==> flow/design.v <==
module u_barrel #(
  parameter DWIDTH = 8,
  parameter LOGN = $clog2(DWIDTH)
) (
  input  wire ck,
  input  wire RST,
  input  wire enable,
  input  wire [DWIDTH-1:0] ch,
  input  wire [LOGN-1:0] sh,
  output reg [DWIDTH-1:0] y
);
  always @(posedge ck) begin
    if (RST) begin
      y <= 0;
    end else if (enable) begin
      y <= ch >> sh;
    end
  end
endmodule
# Reports on u_barrel
# A sweep over "DWIDTH": the same steps for each member of the family.
# The RTL above is that of DWIDTH=8; lines are counted from 1 in the file of the member named.
# Operators: Yosys type, input widths -> output width; for muxes data width and select width s.
# Library cell names are shortened.
# A cell with n/a has no value.
# setup
top_module	u_barrel
clock	ck
cell_library	sky130hd
pvt_corner	tt_025C_1v80

# Source of the members
# New or changed lines of each further member against the RTL above, in its own file; lines it lacks are not shown.
# changed_lines
DWIDTH	line_no	rtl
20	2	parameter DWIDTH = 20,
28	2	parameter DWIDTH = 28,
40	2	parameter DWIDTH = 40,
128	2	parameter DWIDTH = 128,

# After elaboration
# Source: Yosys, flattened and elaborated, memories not mapped. Widths are those after wreduce; folded enables and synchronous resets count as part of the registers. Registers that Yosys merges into a memory's read port (data or address) are not register bits. Print and check cells do not count. Equal cells are merged and count once.
# op_classes
DWIDTH	shift
8	1
20	1
28	1
40	1
128	1
# ops
DWIDTH	operators
8	1 x $shr 8x3->8
20	1 x $shr 20x5->20
28	1 x $shr 28x5->28
40	1 x $shr 40x6->40
128	1 x $shr 128x7->128
# bits
DWIDTH	reg_bits	input_bits
8	8	14
20	20	28
28	28	36
40	40	49
128	128	138

# Logic depth
# Longest topological path by Yosys (ltp), each cell counted once; first at word level (registers and memories cut), then after technology mapping (sequential cells cut; the memories' decode and read muxes count).
# depth
DWIDTH	ltp_word	abc_area	depth_mapped	mapped_depth_nobuf
8	1	0	5	4
20	1	0	6	4
28	1	0	9	5
40	1	0	8	5
128	1	0	11	6

# Netlist
# Source: synth_stat.txt of the flow (Yosys; design flattened, memories mapped). It holds for the ABC_AREA given above (unset counts as 0); a run with the other value may have another netlist.
# Totals and module areas in this step are rounded.
# synth_totals
DWIDTH	buf_cells	synth_area_mm2	cells	ff_cells
8	3	0.000514	50	8
20	14	0.00166	167	20
28	24	0.00248	287	28
40	35	0.00356	384	40
128	138	0.0132	1390	128
# types
DWIDTH	type_list
8	8 x dfxtp_1; 3 x mux4_1; 4 x mux2i_1; 8 x nor2_1; 3 x a22oi_1; 1 x mux4_2; 2 x a211oi_1; 1 x a221oi_2; 1 x buf_6; 1 x mux2_2; 3 x nand2_1; 2 x a21oi_1; 1 x and3b_1; 1 x o2bb2ai_1; 1 x or3b_1; 1 x buf_4; 1 x nand3b_1; 1 x nor3b_1; [+7]
20	20 x dfxtp_1; 9 x mux4_1; 16 x mux2i_1; 6 x mux4_2; 5 x mux2_2; 9 x nor2b_1; 14 x nand2_1; 8 x a31oi_1; 6 x nor3b_1; 5 x nand2b_1; 8 x clkbuf_1; 8 x nor2_1; 5 x a21oi_1; 5 x o21ai_0; 1 x buf_12; 3 x o22ai_1; 2 x o41ai_1; 3 x buf_2; [+34]
28	28 x dfxtp_1; 14 x mux4_2; 26 x mux2i_1; 19 x mux2_2; 28 x nand2_1; 19 x nor2_1; 14 x a21oi_1; 11 x nor2b_1; 9 x a22oi_1; 11 x nor3_1; 10 x o21ai_0; 12 x clkbuf_1; 4 x a22o_1; 7 x buf_2; 7 x nand3_1; 4 x o221ai_1; 5 x nand2b_1; 3 x o22a_1; [+56]
40	40 x dfxtp_1; 31 x mux4_2; 36 x mux2i_1; 14 x mux2_2; 41 x nand2_1; 37 x nor2_1; 15 x a22oi_1; 19 x a21oi_1; 24 x clkbuf_1; 8 x mux2_1; 7 x a222oi_1; 8 x o211ai_1; 8 x nor2b_1; 8 x o22ai_1; 5 x a221oi_1; 7 x a31oi_1; 2 x buf_12; 8 x o21ai_1; [+66]
128	145 x mux4_2; 128 x dfxtp_1; 130 x mux2i_1; 108 x mux2_2; 170 x nor2_1; 66 x a22oi_1; 109 x nand2_1; 54 x o22ai_1; 73 x clkbuf_1; 38 x a21oi_1; 34 x buf_2; 33 x o21ai_1; 21 x a211oi_1; 23 x nor3_1; 13 x a221oi_1; 22 x o21ai_0; 9 x buf_6; 10 x a22o_1; [+204]
# A list marked [+n] leaves out that many cells.

# Timing after synthesis
# Path of least setup slack by OpenSTA after synthesis, without wires, with an ideal clock, recovery checks aside; 20% of the period is set as input and as output delay. Where synthesis merged equal registers, the netlist keeps one of their names.
# synth_timing
DWIDTH	path_type	from	to	slack_ns	driving_pins	clock_period_ns	path_delay_ns	period_less_setup_slack_ns
8	input port to flip-flop	in sh[1]	reg y[0]	0.254	4	1.58	1.010	1.326
20	input port to flip-flop	in sh[0]	reg y[2]	0.341	5	2.11	1.348	1.769
28	input port to flip-flop	in sh[1]	reg y[6]	0.358	6	2.24	1.434	1.882
40	input port to flip-flop	in sh[0]	reg y[17]	0.439	7	2.73	1.746	2.291
128	input port to flip-flop	in sh[0]	reg y[31]	0.546	10	3.42	2.191	2.874
# "path_delay_ns" = arrival - input delay + setup time.
# "driving_pins" counts driving pins, that of a launching flip-flop among them; a cell with two outputs on the path counts twice.
# "period_less_setup_slack_ns" is the clock period less the worst setup slack; recovery checks do not enter. This is arithmetic on one report: input and output delays are still those of the set period (20% each).
# The rows between start and end are the longest chain of elaborated cells between them; the timing report does not say that the signal goes this way. Where chains are equally long, one stands for them.
# A line is the first line of the expression or statement that the cell stems from. Yosys adds cells for indexed reads and writes and turns some case tables into memories.
# synth_via_DWIDTH_8
elab_chain_len	1
# synth_lines_DWIDTH_8
element	line_no	rtl
start, declared	9	input  wire [LOGN-1:0] sh,
$shr 8x3->8	16	y <= ch >> sh;
end, assigned	14	y <= 0;
end, assigned	16
end, declared	10	output reg [DWIDTH-1:0] y
# synth_via_DWIDTH_128
elab_chain_len	1
# synth_lines_DWIDTH_128
element	line_no	rtl
start, declared	9	input  wire [LOGN-1:0] sh,
$shr 128x7->128	16	y <= ch >> sh;
end, assigned	14	y <= 0;
end, assigned	16
end, declared	10	output reg [DWIDTH-1:0] y

# Path in the finished layout
# From the final timing report of the run of each member: the path of least setup slack in the routed layout; clock arrival at registers is part of the times.
# layout_timing
DWIDTH	path_type	from	to	driving_pins	path_buffers	slack_ns	clock_period_ns	arrival_time_ns
8	input port to flip-flop	in ch[3]	reg y[0]	4	1	0.12	1.58	1.58
20	input port to flip-flop	in ch[12]	reg y[2]	5	1	0.18	2.11	2.08
28	input port to flip-flop	in ch[12]	reg y[0]	6	1	0.20	2.24	2.23
40	input port to flip-flop	in sh[1]	reg y[0]	6	1	0.34	2.73	2.57
128	input port to flip-flop	in sh[4]	reg y[46]	10	4	0.37	3.42	3.41

# Measured runs
# Settings and results of one run of the flow (Yosys, OpenROAD) for each member follow. The constraints put input and output delay at 20% of the set period each and load the outputs with 0.01 pF.
# flow_settings
CAP_MARGIN	20
CORE_MARGIN	2
CORE_UTILIZATION	40
SLEW_MARGIN	20
# settings_by_member
DWIDTH	period_ns
8	1.58
20	2.11
28	2.24
40	2.73
128	3.42
# results
DWIDTH	timing.achieved_period_ns	ws_hold_ns	final_setup_ws_ns	post_synth_area_mm2	final_setup_tns_ns	power.total_uw	die_footprint_mm2	finish.stdcell_area_mm2	post_route_util_frac
8	1.456	0.462	0.124	0.000514	0.000	535	0.00159	0.000838	0.725
20	1.930	0.461	0.180	0.00166	0.000	1120	0.00469	0.00252	0.629
28	2.038	0.472	0.202	0.00248	0.000	1490	0.00686	0.00355	0.596
40	2.387	0.454	0.343	0.00356	0.000	1850	0.00967	0.0048	0.553
128	3.054	0.447	0.366	0.0132	0.000	6490	0.0346	0.0181	0.555
# By "timing.achieved_period_ns" is meant the clock period of the run minus its worst setup slack. This is arithmetic on one report: input and output delays are still those of the set period (20% each).
# "power.total_uw": no workload was simulated; the value follows from the tool's default switching activity.
# Measured values are rounded.
